==> flow/design.v <==
module alu_times_top (clock, lhs, rhs, result);
   parameter XLEN = 12;
   parameter WB = 2;
   input clock;
   input [XLEN-1:0] lhs;
   input [WB-1:0] rhs;
   output [XLEN+WB-1:0] result;
   reg [XLEN-1:0] lhs_ff;
   reg [WB-1:0] rhs_ff;
   always @(posedge clock) begin
      lhs_ff <= lhs;
      rhs_ff <= rhs;
   end
   assign result = lhs_ff * rhs_ff;
endmodule
### Step by step through the tools: alu_times_top

Tool output for the design above, in the order of the flow.
Line numbers count from 1 in the design file above.
Operators carry their Yosys type and port widths (W data, S select, Z words).
Not given: --

| set-up | value |
|---|---|
| top module | alu_times_top |
| clock port | clock |
| standard-cell library | sky130hd |
| timing corner | tt_025C_1v80 |

### Word level

Source: Yosys, flattened and elaborated, memories not mapped. Widths are those after wreduce; folded enables and synchronous resets count as part of the registers. Registers that Yosys merges into a memory's read port (data or address) are not register bits. Print and check cells do not count. Equal cells are merged and count once.

| storage and ports | value |
|---|---|
| register bits after elaboration | 14 |
| bits of input ports | 15 |

| cells by class | value |
|---|---|
| multipliers | 1 |

Operators with widths:

| cell | number |
|---|---|
| $mul A12 B2 Y14 | 1 |

### Longest topological paths

Depth = most cells in a row (Yosys ltp): at word level without a register or memory, in the mapped netlist without a sequential cell, where the memories' decode and read muxes count.

| logic depth | value |
|---|---|
| depth in word-level cells | 1 |
| ABC_AREA | 0 |
| depth in mapped cells | 9 |
| depth with buffers taken out | 8 |

### Netlist

The flow's flattened synthesis, as Yosys stat reports it; memories are mapped. The netlist is that of the ABC_AREA named above (0 if unset); the other value can give another one.

Cells by type:

| cell type | number | total area (um2) |
|---|---|---|
| sky130_fd_sc_hd__dfxtp_1 | 14 | 280.269 |
| sky130_fd_sc_hd__and2_1 | 23 | 143.888 |
| sky130_fd_sc_hd__ha_1 | 11 | 137.632 |
| sky130_fd_sc_hd__xnor2_1 | 5 | 43.792 |
| sky130_fd_sc_hd__a21oi_1 | 8 | 40.038 |
| sky130_fd_sc_hd__xor2_1 | 4 | 35.034 |
| sky130_fd_sc_hd__nor2_1 | 7 | 26.275 |
| sky130_fd_sc_hd__a21o_1 | 3 | 22.522 |
| sky130_fd_sc_hd__nand2_1 | 6 | 22.522 |
| sky130_fd_sc_hd__fa_1 | 1 | 20.019 |
| sky130_fd_sc_hd__nor2b_1 | 3 | 18.768 |
| sky130_fd_sc_hd__nor3b_4 | 1 | 18.768 |
| sky130_fd_sc_hd__a311oi_2 | 1 | 15.014 |
| sky130_fd_sc_hd__nand3_1 | 3 | 15.014 |
| sky130_fd_sc_hd__nand4_1 | 2 | 12.512 |
| sky130_fd_sc_hd__o211ai_2 | 1 | 12.512 |
| sky130_fd_sc_hd__a2111oi_1 | 1 | 10.01 |
| sky130_fd_sc_hd__and4b_1 | 1 | 10.01 |

Not listed: further types 9, cells in them 12.

| synthesis totals | value |
|---|---|
| cells in the netlist | 107 |
| chip area (Yosys) | 952.2 um2 |
| area of sequential cells | 280.3 um2 |
| flip-flops | 14 |

### Path before layout

Path of least setup slack by OpenSTA after synthesis, without wires, with an ideal clock, recovery checks aside; 20% of the period is set as input and as output delay. Where synthesis merged equal registers, the netlist keeps one of their names.

| timing path post-synthesis | value |
|---|---|
| path type | register to output |
| start | register rhs_ff[1] |
| end | output result[9] |
| period | 3.23 ns |
| external output delay | 0.646 ns |
| time at the first pin | 0.000 ns |
| arrival time | 2.069 ns |
| path slack | 0.515 ns |
| delay of the path | 2.069 ns |
| stages on the path | 10 |
| path buffers | 1 |
| synthesis period reached | 2.715 ns |

"delay of the path" = arrival - input delay + setup time.
At an output port there is no setup time.
"stages on the path": output pins that drive a net of the path, with the launching flip-flop's if there is one; two outputs of one cell count as two.
"synthesis period reached" is the clock period less the worst setup slack; recovery checks do not enter. This is arithmetic on one report: input and output delays are still those of the set period (20% each).
Between the ends stands the longest chain of elaborated cells between them, by number of cells; it is not shown to be the way that was timed. Of several equally long chains one is given.
A line is the first line of the expression or statement that the cell stems from. Yosys adds cells for indexed reads and writes and turns some case tables into memories.

| on the way, post-synthesis | value |
|---|---|
| cell sequence | sky130_fd_sc_hd__dfxtp_1 > sky130_fd_sc_hd__clkbuf_1 > sky130_fd_sc_hd__and2_1 > sky130_fd_sc_hd__ha_1 > sky130_fd_sc_hd__fa_1 > sky130_fd_sc_hd__a21oi_1 > sky130_fd_sc_hd__o21ai_0 > sky130_fd_sc_hd__a21oi_1 > sky130_fd_sc_hd__o21ai_0 > sky130_fd_sc_hd__xor2_1 |
| cells in the longest elaborated chain | 1 |
| elaborated cells on any way between the ends | 1 |
| source lines of those cells | 1 |
| those cells by class | mul (1) |

Ends and longest elaborated chain, post-synthesis:

| what | line | RTL |
|---|---|---|
| start, declared | 9 | `reg [WB-1:0] rhs_ff;` |
| start, assigned | 12 | `rhs_ff <= rhs;` |
| $mul A12 B2 Y14 | 14 | `assign result = lhs_ff * rhs_ff;` |
| end, declared | 7 | `output [XLEN+WB-1:0] result;` |

### Timing after layout

Path of least setup slack in the final report of job 1 (OpenROAD, finished layout, wires in). Where an end is a register, its clock arrival counts in the times.

| timing path post-layout | value |
|---|---|
| path type | register to output |
| start | register rhs_ff[1] |
| end | output result[9] |
| period | 3.23 ns |
| external output delay | 0.65 ns |
| time at the first pin | 0.27 ns |
| arrival time | 2.47 ns |
| path slack | 0.11 ns |
| stages on the path | 11 |
| path buffers | 2 |

Between the ends stands the longest chain of elaborated cells between them, by number of cells; it is not shown to be the way that was timed. Of several equally long chains one is given.

| on the way, post-layout | value |
|---|---|
| cell sequence | sky130_fd_sc_hd__dfxtp_2 > sky130_fd_sc_hd__and2_1 > sky130_fd_sc_hd__ha_1 > sky130_fd_sc_hd__fa_2 > sky130_fd_sc_hd__a21oi_2 > sky130_fd_sc_hd__o21ai_1 > sky130_fd_sc_hd__a21oi_2 > sky130_fd_sc_hd__buf_4 > sky130_fd_sc_hd__o21ai_0 > sky130_fd_sc_hd__xor2_1 > sky130_fd_sc_hd__dlygate4sd2_1 |
| cells in the longest elaborated chain | 1 |
| elaborated cells on any way between the ends | 1 |
| source lines of those cells | 1 |
| those cells by class | mul (1) |

Ends and longest elaborated chain, post-layout:

| what | line | RTL |
|---|---|---|
| start, declared | 9 | `reg [WB-1:0] rhs_ff;` |
| start, assigned | 12 | `rhs_ff <= rhs;` |
| $mul A12 B2 Y14 | 14 | `assign result = lhs_ff * rhs_ff;` |
| end, declared | 7 | `output [XLEN+WB-1:0] result;` |

Stored flow runs of alu_times_top (3 of them; Yosys, OpenROAD, sky130hd). They differ in their settings and are not a sequence. Constraints: input delay and output delay 20% of the set period each, output load 0.01 pF.
"achieved clock period" is the run's clock period less its worst setup slack. It is reckoned from that one timing run; input and output delays stay at 20% of the period that was set.
"worst path time": the worst setup path's part of the clock period (all of it between registers, 20% less for each end at a port) less its slack. A launch clock that arrives late makes it longer, a capture clock that arrives late makes it shorter.
"total power of the final layout" rests on the timing tool's default activity at the inputs, not on a simulated workload.

#### Job 1

| setting | value |
|---|---|
| period_ns | `3.23` |
| CAP_MARGIN | `20` |
| CORE_MARGIN | `2` |
| CORE_UTILIZATION | `40` |
| SLEW_MARGIN | `20` |

| result | value |
|---|---|
| Yosys chip area after synthesis | 952.2 um2 |
| area of the die | 2,786.8 um2 |
| setup total negative slack | 0.000 ns |
| standard-cell area after layout | 1,382.6 um2 |
| smallest setup slack | 0.114 ns |
| worst path time | 2.47 ns |
| class of the worst setup path | register to output |
| worst hold slack after layout | 0.810 ns |
| achieved clock period | 3.116 ns |
| utilization of the finished layout | 0.619 |
| total power of the final layout | 465.9 µW |

#### Job 2

| setting | value |
|---|---|
| period_ns | `2.02` |
| CORE_UTILIZATION | `27` |
| PLACE_DENSITY | `0.39` |
| CORE_ASPECT_RATIO | `1.09` |
| CELL_PAD_IN_SITES_GLOBAL_PLACEMENT | `0` |
| ABC_AREA | `1` |
| GPL_TIMING_DRIVEN | `1` |
| GPL_ROUTABILITY_DRIVEN | `1` |
| CTS_CLUSTER_DIAMETER | `72` |
| SLEW_MARGIN | `40` |
| MAX_ROUTING_LAYER | `met4` |
| CAP_MARGIN | `20` |
| CORE_MARGIN | `2` |

| result | value |
|---|---|
| Yosys chip area after synthesis | 1,104.8 um2 |
| area of the die | 4,620.1 um2 |
| setup total negative slack | -1.684 ns |
| standard-cell area after layout | 1,980.7 um2 |
| smallest setup slack | -0.251 ns |
| worst path time | 1.87 ns |
| class of the worst setup path | register to output |
| worst hold slack after layout | 0.601 ns |
| achieved clock period | 2.271 ns |
| utilization of the finished layout | 0.5 |
| total power of the final layout | 938.4 µW |

#### Job 3

| setting | value |
|---|---|
| period_ns | `3.35` |
| CORE_UTILIZATION | `21` |
| SETUP_SLACK_MARGIN | `-0.2` |
| PLACE_DENSITY_LB_ADDON | `0.27` |
| CELL_PAD_IN_SITES_GLOBAL_PLACEMENT | `3` |
| TNS_END_PERCENT | `5` |
| ABC_AREA | `0` |
| GPL_ROUTABILITY_DRIVEN | `1` |
| SLEW_MARGIN | `35` |
| CAP_MARGIN | `20` |
| CORE_MARGIN | `2` |

| result | value |
|---|---|
| Yosys chip area after synthesis | 952.2 um2 |
| area of the die | 5,088.7 um2 |
| setup total negative slack | -0.042 ns |
| standard-cell area after layout | 1,397.6 um2 |
| smallest setup slack | -0.027 ns |
| worst path time | 2.71 ns |
| class of the worst setup path | register to output |
| worst hold slack after layout | 0.865 ns |
| achieved clock period | 3.377 ns |
| utilization of the finished layout | 0.321 |
| total power of the final layout | 499.6 µW |
